==> flow/design.v <==
module mem_rtl #(
  parameter NWORDS = 6,
  parameter NBITS = 12,
  parameter AW = $clog2(NWORDS)
) (
  input CLK,
  input wen,
  input [AW-1:0] waddr,
  input [NBITS-1:0] d,
  input [AW-1:0] raddr_a,
  input [AW-1:0] raddr_b,
  output reg [NBITS-1:0] dout_a,
  output reg [NBITS-1:0] dout_b
);
  reg [NBITS-1:0] array [0:NWORDS-1];
  always @(posedge CLK) begin
    if (wen)
      array[waddr] <= d;
  end
  always @(posedge CLK) begin
    dout_a <= array[raddr_a];
    dout_b <= array[raddr_b];
  end
endmodule
# From RTL to reports: mem_rtl
# Tool output for the design above, in the order of the flow.
# Lines are those of the file above, counted from 1.
# The mark - stands for no value.
[design]
top_module = "mem_rtl"
clock_port = "CLK"
lib = "sky130hd"
pvt_corner = "tt_025C_1v80"

# After elaboration
# Counts by Yosys on the flattened word-level netlist (proc, flatten, opt, wreduce; memories kept). Register bits leave out memories and registers merged into their read ports (data or address); mux counts leave out enables and synchronous resets folded into registers. Print and check cells are left out. Cells with the same type and inputs are merged into one.
# Yosys's memory passes give these memory sizes; they may raise the number of words (mostly to a power of two), join words into wider ones and drop unused or constant bits.
[bits]
reg_bits = 0
in_bits = 23
ramBits = 72
out_inout_bits = 24
clocked_rd_ports_x_width = 24
memories = 1
elab_cells = 4
[classes]
muxes = 3
[mem_list]
columns = ["name", "words", "width", "read_ports", "write_ports", "line", "text"]
rows = [
  ["array", 6, 12, 2, 1, 15, "reg [NBITS-1:0] array [0:NWORDS-1];"],
]
[ops]
columns = ["operator", "n"]
rows = [
  ["12-bit two-way mux", 1],
  ["3-bit two-way mux", 1],
  ["1-bit two-way mux", 1],
]

# Longest topological paths
# Longest topological path by Yosys (ltp), each cell counted once; first at word level (registers and memories cut), then after technology mapping (sequential cells cut; the memories' decode and read muxes count).
[logic_depth]
word_depth = 1
ABC_AREA = 0
depth_mapped = 4
mapped_depth_nobuf = 2

# Synthesis result
# Source: synth_stat.txt of the flow (Yosys; design flattened, memories mapped). It holds for the ABC_AREA given above (unset counts as 0); a run with the other value may have another netlist.
# The area totals of this step are shown rounded.
[types]
columns = ["type", "n", "area_total_um2"]
rows = [
  ["sky130_fd_sc_hd__edfxtp_1", 72, 2.16E+03],
  ["sky130_fd_sc_hd__mux4_2", 24, 540.518],
  ["sky130_fd_sc_hd__dfxtp_1", 24, 480.461],
  ["sky130_fd_sc_hd__mux2_2", 40, 450.432],
  ["sky130_fd_sc_hd__mux2_1", 8, 90.086],
  ["sky130_fd_sc_hd__buf_6", 5, 56.304],
  ["sky130_fd_sc_hd__nand2b_1", 3, 18.768],
  ["sky130_fd_sc_hd__nor2_1", 4, 15.014],
  ["sky130_fd_sc_hd__buf_2", 2, 10.01],
  ["sky130_fd_sc_hd__nor3_1", 2, 10.01],
  ["sky130_fd_sc_hd__buf_1", 2, 7.507],
  ["sky130_fd_sc_hd__clkbuf_1", 1, 3.754],
  ["sky130_fd_sc_hd__nand2_1", 1, 3.754],
]
[synth_totals]
ff_cells = 96
sequential_area_um2 = 2640
yosys_area_um2 = 3850
cells = 188
buf_cells = 10

# Path before layout
# Path of least setup slack by OpenSTA after synthesis, without wires, with an ideal clock, recovery checks aside; 20% of the period is set as input and as output delay. Where synthesis merged equal registers, the netlist keeps one of their names.
[synth_timing]
path_kind = "input to register"
start = "input port waddr[0]"
end = "memory array[0][0]"
driving_pins = 2
path_slack_ps = 352
launch_ps = 444
input_delay_ps = 444
period_ps = 2220
delay_ps = 1424
setup_ps = 396
path_buffers = 0
t_arrival_ps = 1472
period_less_setup_slack_ps = 1868
# "delay_ps" is the arrival time less input delay plus setup time.
# "driving_pins": output pins that drive a net of the path, with the launching flip-flop's if there is one; two outputs of one cell count as two.
# "period_less_setup_slack_ps" is the clock period less the worst setup slack; recovery checks do not enter. This is arithmetic on one report: input and output delays are still those of the set period (20% each).
# The rows between start and end are the longest chain of elaborated cells between them; the timing report does not say that the signal goes this way. Where chains are equally long, one stands for them.
# A line is the first line of the expression or statement that the cell stems from. Yosys adds cells for indexed reads and writes and turns some case tables into memories.
[synth_between]
cell_sequence = "sky130_fd_sc_hd__nand2b_1 > sky130_fd_sc_hd__nor3_1"
elab_chain_cells = 1
cone_cells = 1
cone_lines = 1
classes_between = "1 x mux"
[synth_rtl]
columns = ["element", "line", "text"]
rows = [
  ["from (decl)", 8, "input [AW-1:0] waddr,"],
  ["3-bit two-way mux", 17, "if (wen)"],
  ["to (decl)", 15, "reg [NBITS-1:0] array [0:NWORDS-1];"],
]

# Worst path after layout
# From the final timing report of record 1: the path of least setup slack in the routed layout; clock arrival at registers is part of the times.
# The path's times are printed in steps of 10 ps; the period is the one set.
[layout_timing]
path_kind = "input to register"
start = "input port raddr_a[1]"
end = "register dout_a[8]"
path_buffers = 2
driving_pins = 4
period_ps = 2220
setup_ps = 120
t_arrival_ps = 1970
launch_ps = 440
path_slack_ps = 490
input_delay_ps = 440
[layout_between]
cell_sequence = "sky130_fd_sc_hd__clkdlybuf4s50_1 > sky130_fd_sc_hd__buf_12 > sky130_fd_sc_hd__mux2_2 > sky130_fd_sc_hd__mux4_2"
[layout_rtl]
columns = ["element", "line", "text"]
rows = [
  ["from (decl)", 10, "input [AW-1:0] raddr_a,"],
  ["to (decl)", 12, "output reg [NBITS-1:0] dout_a,"],
]
# Chain of elaborated cells between the ends: none given.

# Flow measurements of mem_rtl on sky130hd: 3 stored runs with different settings, listed in no order. Input and output delays are each 20% of the period that was set; the output load is 0.01 pF.
# "achieved_clock_period_ps": clock period set for the run, less the worst setup slack. It is reckoned from that one timing run; input and output delays stay at 20% of the period that was set.
# "worst_path_time_ps" is the time allowed to the run's worst setup path (the clock period less input and output delay, where it has them) less its slack. Clock arrival times count: a late capture clock shortens it, a late launch clock lengthens it.
# By "power_total_w" is meant OpenSTA's value without simulated activity: inputs other than the clock are taken to toggle once in ten clock periods, and the tool carries that through the logic.
# "worst_path_time_ps" is given in steps of 10 ps.
# The results are shown rounded.

[[run]]
name = "record 1"
[run.settings]
period_ns = 2.22
CAP_MARGIN = 20
CORE_MARGIN = 2
CORE_UTILIZATION = 40
SLEW_MARGIN = 20
[run.results]
achieved_clock_period_ps = 1733
die_footprint_um2 = 10400
stdcell_area_um2 = 4750
tns_ps = 0
finalUtil_frac = 0.512
yosys.chip_area_um2 = 3850
power_total_w = 0.00363
fin_hold_ws_ps = 584
final_setup_ws_ps = 487
worst_path_time_ps = 1290
path_kind = "input to register"

[[run]]
name = "record 2"
[run.settings]
period_ns = 1.52
CORE_UTILIZATION = 29
SETUP_SLACK_MARGIN = 0.45
PLACE_DENSITY_LB_ADDON = 0.06
CORE_ASPECT_RATIO = 0.71
TNS_END_PERCENT = 85
GPL_ROUTABILITY_DRIVEN = 0
CTS_CLUSTER_DIAMETER = 182
CAP_MARGIN = 5
SLEW_MARGIN = 20
MIN_ROUTING_LAYER = "met2"
CORE_MARGIN = 2
[run.results]
yosys.chip_area_um2 = 3850
worst_path_time_ps = 1290
path_kind = "register to register"
fin_hold_ws_ps = 539
power_total_w = 0.00578
achieved_clock_period_ps = 1292
final_setup_ws_ps = 228
tns_ps = 0
stdcell_area_um2 = 5360
die_footprint_um2 = 14200
finalUtil_frac = 0.413

[[run]]
name = "record 3"
[run.settings]
period_ns = 2.82
CORE_UTILIZATION = 39
SETUP_SLACK_MARGIN = -0.23
PLACE_DENSITY_LB_ADDON = 0.15
CORE_ASPECT_RATIO = 0.59
CELL_PAD_IN_SITES_DETAIL_PLACEMENT = 1
ABC_AREA = 1
GPL_TIMING_DRIVEN = 1
GPL_ROUTABILITY_DRIVEN = 1
CTS_CLUSTER_SIZE = 72
CTS_CLUSTER_DIAMETER = 89
MAX_ROUTING_LAYER = "met5"
CAP_MARGIN = 20
CORE_MARGIN = 2
SLEW_MARGIN = 20
[run.results]
tns_ps = 0
finalUtil_frac = 0.488
die_footprint_um2 = 11000
achieved_clock_period_ps = 1764
fin_hold_ws_ps = 486
worst_path_time_ps = 1200
path_kind = "register to output"
power_total_w = 0.00309
yosys.chip_area_um2 = 3960
stdcell_area_um2 = 4860
final_setup_ws_ps = 1060
